==> flow/design.v <==
module ex_add_core_stage #(
  parameter DATA_WIDTH = 20,
  parameter GUARD = 2
) (
  input  wire clk_i,
  input  wire [DATA_WIDTH-1:0] data,
  input  wire init,
  output wire [DATA_WIDTH+GUARD-1:0] sum
);
  reg [DATA_WIDTH-1:0] data_q;
  reg init_q;
  reg [DATA_WIDTH+GUARD-1:0] acc;
  always @(posedge clk_i) begin
    data_q <= data;
    init_q <= init;
    acc <= init_q ? 0 : acc + data_q;
  end
  assign sum = acc;
endmodule
Step by step through the tools: ex_add_core_stage

What the tools print for ex_add_core_stage, step after step.
Line numbers count from 1 in the design file above.
Cell names lack the library's common part.
A cell with -- has no value.

Design top: ex_add_core_stage
Clock: clk_i
Standard-cell library: sky130hd
Timing corner: tt_025C_1v80

Word-level counts

Source: Yosys, flattened and elaborated, memories not mapped. Widths are those after wreduce; folded enables and synchronous resets count as part of the registers. Registers that Yosys merges into a memory's read port (data or address) are not register bits. Print and check cells do not count. Equal cells are merged and count once.

Flip-flop bits (word level): 43
Bits of input ports: 22
Output and inout bits: 22
Cells after elaboration: 4

Add/subtract/negate cells: 1

Operator list:

| kind                    | number |
| adder 22 x 20 -> 22 bit | 1 |

Longest topological paths

Depth = most cells in a row (Yosys ltp): at word level without a register or memory, in the mapped netlist without a sequential cell, where the memories' decode and read muxes count.

Word-level depth: 1
ABC_AREA: 0
Mapped depth: 10

Netlist

Source: synth_stat.txt of the flow (Yosys; design flattened, memories mapped). It holds for the ABC_AREA given above (unset counts as 0); a run with the other value may have another netlist.

Cell types:

| cell     | number |
| dfxtp_1  | 43 |
| ha_1     | 20 |
| nor2_1   | 24 |
| a21oi_1  | 14 |
| xor2_1   | 8 |
| o21ai_0  | 11 |
| nand3_1  | 9 |
| nor3_1   | 9 |
| xnor2_1  | 5 |
| a21o_1   | 5 |
| nand2b_1 | 5 |
| nand2_1  | 7 |
| a31oi_1  | 4 |
| nor2b_1  | 4 |
| clkbuf_1 | 6 |
| inv_1    | 6 |
| nor3b_1  | 3 |
| fa_1     | 1 |

Other cell types: 31; their cells: 39.

Cell count: 223
Synthesis area: 2100.8 um^2
Sequential part of the area: 860.8 um^2
Mapped flip-flops: 43
Buffers: 10

Timing after synthesis

Path of least setup slack by OpenSTA after synthesis, without wires, with an ideal clock, recovery checks aside; 20% of the period is set as input and as output delay. Where synthesis merged equal registers, the netlist keeps one of their names.

Kind: reg-to-reg
From: register acc[0]
To: register acc[20]
Period: 2.75 ns
Time at the first pin: 0.000 ns
Data arrival time: 2.079 ns
Required time: 2.627 ns
Slack: 0.547 ns
Path delay: 2.202 ns
Driving pins on the path: 11
Path buffers: 0
Synthesis period reached: 2.203 ns

"path delay" is the arrival time less input delay plus setup time.
"driving pins on the path": output pins that drive a net of the path, with the launching flip-flop's if there is one; two outputs of one cell count as two.
"synthesis period reached" is the clock period less the worst setup slack; recovery checks do not enter. This is arithmetic on one report: input and output delays are still those of the set period (20% each).
The rows between start and end are the longest chain of elaborated cells between them; the timing report does not say that the signal goes this way. Where chains are equally long, one stands for them.
Each line given opens the expression or statement behind the cell; cells for indexed reads and writes are added by Yosys, which also makes memories of some case tables.

Cells stage by stage: dfxtp_1 > ha_1 > inv_1 > fa_1 > nor2b_4 > o2111ai_2 > nand3b_4 > a21oi_4 > o21ai_2 > a311oi_2 > mux2_1
Cells in the longest elaborated chain: 1
Elaborated cells on any way between the ends: 1
Those cells by class: 1 x add/sub

Ends and longest elaborated chain, after synthesis:

| element                 | line | text |
| start, declared         | 12   | `reg [DATA_WIDTH+GUARD-1:0] acc;` |
| start, assigned         | 16   | `acc <= init_q ? 0 : acc + data_q;` |
| adder 22 x 20 -> 22 bit | 16   |  |
| end, assigned           | 16   |  |
| end, declared           | 12   |  |

Timing after layout

Path of least setup slack in the final report of entry A (OpenROAD, finished layout, wires in). Where an end is a register, its clock arrival counts in the times.

Kind: reg-to-reg
From: register acc[0]
To: register acc[18]
Period: 1.42 ns
Time at the first pin: 0.28 ns
Data arrival time: 2.23 ns
Required time: 1.58 ns
Slack: -0.65 ns
Driving pins on the path: 11
Path buffers: 0

The rows between start and end are the longest chain of elaborated cells between them; the timing report does not say that the signal goes this way. Where chains are equally long, one stands for them.

Cells stage by stage: dfxtp_2 > ha_4 > inv_2 > fa_2 > nor2b_4 > o2111ai_2 > nand3b_4 > a21oi_4 > o311a_1 > mux2i_1 > o311ai_1
Cells in the longest elaborated chain: 1
Elaborated cells on any way between the ends: 1
Those cells by class: 1 x add/sub

Ends and longest elaborated chain, after layout:

| element                 | line | text |
| start, declared         | 12   | `reg [DATA_WIDTH+GUARD-1:0] acc;` |
| start, assigned         | 16   | `acc <= init_q ? 0 : acc + data_q;` |
| adder 22 x 20 -> 22 bit | 16   |  |
| end, assigned           | 16   |  |
| end, declared           | 12   |  |

Memo
Re: implementation data of ex_add_core_stage

ex_add_core_stage through Yosys and OpenROAD on sky130hd: 3 stored runs, unordered, with their settings and measured results. The constraints put input and output delay at 20% of the set period each and load the outputs with 0.01 pF.
"reached clock period" = clock period - worst setup slack. The figure is calculated, with input and output delays left at 20% of the set period.
"time on the worst setup path": the worst setup path's part of the clock period (all of it between registers, 20% less for each end at a port) less its slack. A launch clock that arrives late makes it longer, a capture clock that arrives late makes it shorter.
"total power of the final layout" rests on the timing tool's default activity at the inputs, not on a simulated workload.
A setting shown as n/a is not set for that run.

| setting or result                                        | entry A    | entry B    | entry C    |
| period_ns                                                | 1.42       | 3.1        | 2.75       |
| CORE_UTILIZATION                                         | 21         | 28         | 40         |
| SETUP_SLACK_MARGIN                                       | -0.13      | n/a        | n/a        |
| PLACE_DENSITY                                            | 0.42       | 0.77       | n/a        |
| HOLD_SLACK_MARGIN                                        | 0.25       | n/a        | n/a        |
| CORE_ASPECT_RATIO                                        | 1.41       | n/a        | n/a        |
| CELL_PAD_IN_SITES_GLOBAL_PLACEMENT                       | 1          | n/a        | n/a        |
| GPL_ROUTABILITY_DRIVEN                                   | 1          | 1          | n/a        |
| SLEW_MARGIN                                              | 10         | 20         | 20         |
| MIN_ROUTING_LAYER                                        | met1       | met1       | n/a        |
| CAP_MARGIN                                               | 20         | 35         | 20         |
| CORE_MARGIN                                              | 2          | 2          | 2          |
| CTS_CLUSTER_DIAMETER                                     | n/a        | 287        | n/a        |
| area of the synthesized netlist (um^2)                   | 2100.8     | 2100.8     | 2100.8     |
| die outline area (um^2)                                  | 10831.6    | 8212.0     | 5847.7     |
| area of the standard cells in the finished layout (um^2) | 3788.6     | 2728.9     | 2691.3     |
| post-route utilization                                   | 0.387      | 0.376      | 0.53       |
| worst setup slack after layout (ns)                      | -0.652     | 0.806      | 0.411      |
| setup total negative slack (ns)                          | -8.323     | 0.000      | 0.000      |
| worst hold slack (ns)                                    | 0.434      | 0.519      | 0.517      |
| total power of the final layout (mW)                     | 7.335      | 2.329      | 2.679      |
| reached clock period (ns)                                | 2.072      | 2.294      | 2.339      |
| time on the worst setup path (ns)                        | 2.07       | 2.29       | 2.34       |
| critical path kind                                       | reg-to-reg | reg-to-reg | reg-to-reg |
